==> flow/design.v <==
module adder_v2 #(
  parameter int BITS = 10,
  parameter int N = 16,
  parameter int OUT_W = BITS + $clog2(N)
) (
  input logic i_clk,
  input logic i_rst_n,
  input logic [N*BITS-1:0] d,
  output logic [OUT_W-1:0] o
);
  logic [N*BITS-1:0] r_d;
  wire [OUT_W-1:0] lvl [1:2*N-1];
  for (genvar gi = 0; gi < N; gi++) begin : stage
    assign lvl[N+gi] = r_d[gi*BITS +: BITS];
  end
  for (genvar gi = 1; gi < N; gi++) begin : lane
    assign lvl[gi] = lvl[2*gi] + lvl[2*gi+1];
  end
  assign o = lvl[1];
  always_ff @(posedge i_clk) begin
    if (!i_rst_n) begin
      r_d <= '0;
    end else begin
      r_d <= d;
    end
  end
endmodule
======== From RTL to reports: adder_v2 ========
Tool output for the design above, in the order of the flow.
Lines are those of the file above, counted from 1.
Operators: Yosys type, input widths -> output width; for muxes data width and select width s.
A cell with - has no value.
design
  top ..................................... adder_v2
  clock port .............................. i_clk
  cell library ............................ sky130hd
  corner .................................. tt_025C_1v80

======== Word level ========
Source: Yosys, flattened and elaborated. Widths are those after wreduce; folded enables and synchronous resets count as part of the registers. Registers that Yosys merges into a memory's read port (data or address) are not register bits. Print and check cells do not count. Equal cells are merged and count once.
word-level totals
  register bits after elaboration ......... 160
  output and inout port bits .............. 14
  word-level cells ........................ 16
cells by class
  $add $sub $neg .......................... 15
operators with widths
  kind            count
  $add 14x14->14  7
  $add 10x10->11  8

======== Longest topological paths ========
Yosys ltp: most cells in a row. Word level: on the elaborated netlist, between registers, memories and ports. Mapped: between sequential cells and ports; inverters and the memories' decode and read muxes count.
logic depth
  word-level depth ........................ 4
  ABC_AREA ................................ 0
  depth in mapped cells ................... 22
  depth with buffers taken out ............ 21

======== Synthesis result ========
Yosys stat after the flow's synthesis: flattened, memories mapped to cells. It holds for the ABC_AREA given above (unset counts as 0); a run with the other value may have another netlist.
cells by type
  type                       count  area in all (um^2)
  sky130_fd_sc_hd__dfxtp_1   160    3.2E+03
  sky130_fd_sc_hd__fa_1      73     1.46E+03
  sky130_fd_sc_hd__ha_1      94     1.18E+03
  sky130_fd_sc_hd__and2_1    164    1.03E+03
  sky130_fd_sc_hd__xnor2_1   42     367.853
  sky130_fd_sc_hd__inv_1     96     360.346
  sky130_fd_sc_hd__a21oi_1   62     310.298
  sky130_fd_sc_hd__xor2_1    30     262.752
  sky130_fd_sc_hd__a21o_1    26     195.187
  sky130_fd_sc_hd__o21ai_0   28     140.134
  sky130_fd_sc_hd__and3_1    16     100.096
  sky130_fd_sc_hd__nand3_1   19     95.091
  sky130_fd_sc_hd__nand2_1   20     75.072
  sky130_fd_sc_hd__clkbuf_1  19     71.318
  sky130_fd_sc_hd__nor2_1    19     71.318
  sky130_fd_sc_hd__o21a_1    8      60.058
  sky130_fd_sc_hd__nor2b_1   9      56.304
  sky130_fd_sc_hd__a31oi_1   8      50.048
Not listed: further types 22, cells in them 49.
mapped netlist
  cells in the netlist .................... 942
  chip area (Yosys) ....................... 9487.8 um^2
  flip-flops .............................. 160

======== Worst setup path after synthesis ========
Path of least setup slack by OpenSTA after synthesis, without wires, with an ideal clock, recovery checks aside; 20% of the period is set as input and as output delay. Where synthesis merged equal registers, the netlist keeps one of their names.
timing after synthesis
  path type ............................... register to output
  from .................................... reg r_d[60]
  to ...................................... out o[11]
  period .................................. 8090 ps
  launch time at the first pin ............ 0 ps
  data arrival time ....................... 5177 ps
  setup slack ............................. 1295 ps
  path delay .............................. 5177 ps
  driving pins on the path ................ 21
  buffers on the path ..................... 0
  synthesis period reached ................ 6795 ps
"path delay" is the arrival time less input delay plus setup time.
At an output port there is no setup time.
"driving pins on the path" counts driving pins, that of a launching flip-flop among them; a cell with two outputs on the path counts twice.
"synthesis period reached" is the clock period less the worst setup slack; recovery checks do not enter. This is arithmetic on one report: input and output delays are still those of the set period (20% each).
The rows between start and end are the longest chain of elaborated cells between them; the timing report does not say that the signal goes this way. Where chains are equally long, one stands for them.
Each line given opens the expression or statement behind the cell; cells for indexed reads and writes are added by Yosys, which also makes memories of some case tables.
on the way, after synthesis
  cell sequence ........................... sky130_fd_sc_hd__dfxtp_1 > sky130_fd_sc_hd__ha_1 > sky130_fd_sc_hd__fa_1 > sky130_fd_sc_hd__a21oi_1 > sky130_fd_sc_hd__nor2b_1 > sky130_fd_sc_hd__a311oi_1 > sky130_fd_sc_hd__a21oi_1 > sky130_fd_sc_hd__xnor2_1 > sky130_fd_sc_hd__fa_1 > sky130_fd_sc_hd__inv_1 > sky130_fd_sc_hd__fa_1 > sky130_fd_sc_hd__fa_1 > sky130_fd_sc_hd__inv_1 > sky130_fd_sc_hd__fa_1 > sky130_fd_sc_hd__inv_1 > sky130_fd_sc_hd__ha_1 > sky130_fd_sc_hd__a21oi_1 > sky130_fd_sc_hd__o211ai_1 > sky130_fd_sc_hd__a31o_2 > sky130_fd_sc_hd__a21oi_1 > sky130_fd_sc_hd__xnor2_1
  cells in the longest elaborated chain ... 4
RTL lines, path after synthesis
  element                      line  RTL
  start: declaration           11    logic [N*BITS-1:0] r_d;
  start: assignment            22    r_d <= '0;
  start: assignment            24    r_d <= d;
  $add 10x10->11               17    assign lvl[gi] = lvl[2*gi] + lvl[2*gi+1];
  $add 14x14->14 (3 in a row)  17
  end: declaration             9     output logic [OUT_W-1:0] o

======== Path in the finished layout ========
From the final timing report of run B: the path of least setup slack in the routed layout; clock arrival at registers is part of the times.
The report prints the path's times to 10 ps; the period is as set.
timing after layout
  path type ............................... register to output
  from .................................... reg r_d[100]
  to ...................................... out o[8]
  period .................................. 8090 ps
  launch time at the first pin ............ 430 ps
  data arrival time ....................... 6140 ps
  setup slack ............................. 330 ps
  driving pins on the path ................ 17
  buffers on the path ..................... 1
The rows between start and end are the longest chain of elaborated cells between them; the timing report does not say that the signal goes this way. Where chains are equally long, one stands for them.
on the way, after layout
  cell sequence ........................... sky130_fd_sc_hd__dfxtp_1 > sky130_fd_sc_hd__ha_1 > sky130_fd_sc_hd__fa_1 > sky130_fd_sc_hd__a21o_1 > sky130_fd_sc_hd__a21oi_2 > sky130_fd_sc_hd__xnor2_1 > sky130_fd_sc_hd__fa_1 > sky130_fd_sc_hd__fa_1 > sky130_fd_sc_hd__fa_1 > sky130_fd_sc_hd__fa_1 > sky130_fd_sc_hd__ha_1 > sky130_fd_sc_hd__nor2b_1 > sky130_fd_sc_hd__o31a_1 > sky130_fd_sc_hd__o21ai_0 > sky130_fd_sc_hd__nand2b_1 > sky130_fd_sc_hd__xor2_1 > sky130_fd_sc_hd__clkdlybuf4s50_1
  cells in the longest elaborated chain ... 4
RTL lines, path after layout
  element                      line  RTL
  start: declaration           11    logic [N*BITS-1:0] r_d;
  start: assignment            22    r_d <= '0;
  start: assignment            24    r_d <= d;
  $add 10x10->11               17    assign lvl[gi] = lvl[2*gi] + lvl[2*gi+1];
  $add 14x14->14 (3 in a row)  17
  end: declaration             9     output logic [OUT_W-1:0] o

Measured results for adder_v2: 3 stored runs of the Yosys and OpenROAD flow on sky130hd. The settings differ; the order carries no meaning. The constraints put input and output delay at 20% of the set period each and load the outputs with 0.01 pF.
"achieved period" is the run's clock period less its worst setup slack. It is reckoned from that one timing run; input and output delays stay at 20% of the period that was set.
"worst setup path time" = time allowed to the worst setup path (clock period - input delay - output delay, where it has them) - its slack; a late launch clock adds to it, a late capture clock takes from it.
By "power" is meant OpenSTA's value without simulated activity: inputs other than the clock are taken to toggle once in ten clock periods, and the tool carries that through the logic.
"worst setup path time" is given in steps of 10 ps.

======== run A ========
==> flow/run.sh <==
#!/bin/bash
# the make line also repeats the synthesis and layout settings of config.mk as NAME=value (left out here)
make -C /OpenROAD-flow-scripts/flow DESIGN_CONFIG=/design/flow/config.mk WORK_HOME=/design/flow/orfs CLKGATE_MAP_FILE= finish
==> flow/config.mk <==
export PLATFORM = sky130hd
export DESIGN_NAME = adder_v2
export DESIGN_NICKNAME = adder_v2
export VERILOG_FILES = /design/flow/design.v
export SDC_FILE = /design/flow/constraint.sdc
export NUM_CORES = 4
export LEC_CHECK = 0
export ABC_AREA = 0
export CAP_MARGIN = 35
export CELL_PAD_IN_SITES_DETAIL_PLACEMENT = 2
export CELL_PAD_IN_SITES_GLOBAL_PLACEMENT = 2
export CORE_MARGIN = 2
export CORE_UTILIZATION = 55
export MAX_ROUTING_LAYER = met5
export MIN_ROUTING_LAYER = met2
export PLACE_DENSITY = 0.43
export SETUP_SLACK_MARGIN = 0.64
export SLEW_MARGIN = 20
==> flow/constraint.sdc <==
create_clock -name core_clock -period 6.32 [get_ports {i_clk}]
set_input_delay 1.2640 -clock core_clock [delete_from_list [all_inputs] [get_ports {i_clk}]]
set_output_delay 1.2640 -clock core_clock [all_outputs]
set_load 0.01 [all_outputs]

-------- run A --------
  unfinished; error GPL-0301 in placement

======== run B ========
==> flow/run.sh <==
#!/bin/bash
# the make line also repeats the synthesis and layout settings of config.mk as NAME=value (left out here)
make -C /OpenROAD-flow-scripts/flow DESIGN_CONFIG=/design/flow/config.mk WORK_HOME=/design/flow/orfs CLKGATE_MAP_FILE= finish
==> flow/config.mk <==
export PLATFORM = sky130hd
export DESIGN_NAME = adder_v2
export DESIGN_NICKNAME = adder_v2
export VERILOG_FILES = /design/flow/design.v
export SDC_FILE = /design/flow/constraint.sdc
export NUM_CORES = 4
export LEC_CHECK = 0
export CAP_MARGIN = 20
export CORE_MARGIN = 2
export CORE_UTILIZATION = 40
export SLEW_MARGIN = 20
==> flow/constraint.sdc <==
create_clock -name core_clock -period 8.09 [get_ports {i_clk}]
set_input_delay 1.6180 -clock core_clock [delete_from_list [all_inputs] [get_ports {i_clk}]]
set_output_delay 1.6180 -clock core_clock [all_outputs]
set_load 0.01 [all_outputs]

-------- measured, run B --------
  standard-cell area after layout ......... 12241.7 um^2
  setup slack of the worst path ........... 334 ps
  smallest hold slack ..................... 1758 ps
  power ................................... 5.707 mW
  post-route utilization .................. 52.3%
  final setup TNS ......................... 0 ps
  chip area after synthesis (Yosys) ....... 9487.8 um^2
  achieved period ......................... 7756 ps
  worst setup path time ................... 6140 ps
  type of the worst setup path ............ register to output
  overall die area ........................ 24967.2 um^2

======== run C ========
==> flow/run.sh <==
#!/bin/bash
# the make line also repeats the synthesis and layout settings of config.mk as NAME=value (left out here)
make -C /OpenROAD-flow-scripts/flow DESIGN_CONFIG=/design/flow/config.mk WORK_HOME=/design/flow/orfs CLKGATE_MAP_FILE= finish
==> flow/config.mk <==
export PLATFORM = sky130hd
export DESIGN_NAME = adder_v2
export DESIGN_NICKNAME = adder_v2
export VERILOG_FILES = /design/flow/design.v
export SDC_FILE = /design/flow/constraint.sdc
export NUM_CORES = 4
export LEC_CHECK = 0
export ABC_AREA = 1
export CAP_MARGIN = 10
export CORE_MARGIN = 2
export CORE_UTILIZATION = 53
export PLACE_DENSITY_LB_ADDON = 0.22
export SETUP_SLACK_MARGIN = -1.06
export SLEW_MARGIN = 20
export TNS_END_PERCENT = 55
==> flow/constraint.sdc <==
create_clock -name core_clock -period 10.7 [get_ports {i_clk}]
set_input_delay 2.1400 -clock core_clock [delete_from_list [all_inputs] [get_ports {i_clk}]]
set_output_delay 2.1400 -clock core_clock [all_outputs]
set_load 0.01 [all_outputs]

-------- measured, run C --------
  standard-cell area after layout ......... 13055.0 um^2
  setup slack of the worst path ........... 2836 ps
  smallest hold slack ..................... 2206 ps
  power ................................... 4.125 mW
  post-route utilization .................. 67.1%
  final setup TNS ......................... 0 ps
  chip area after synthesis (Yosys) ....... 10497.6 um^2
  achieved period ......................... 7864 ps
  worst setup path time ................... 5720 ps
  type of the worst setup path ............ register to output
  overall die area ........................ 20948.2 um^2
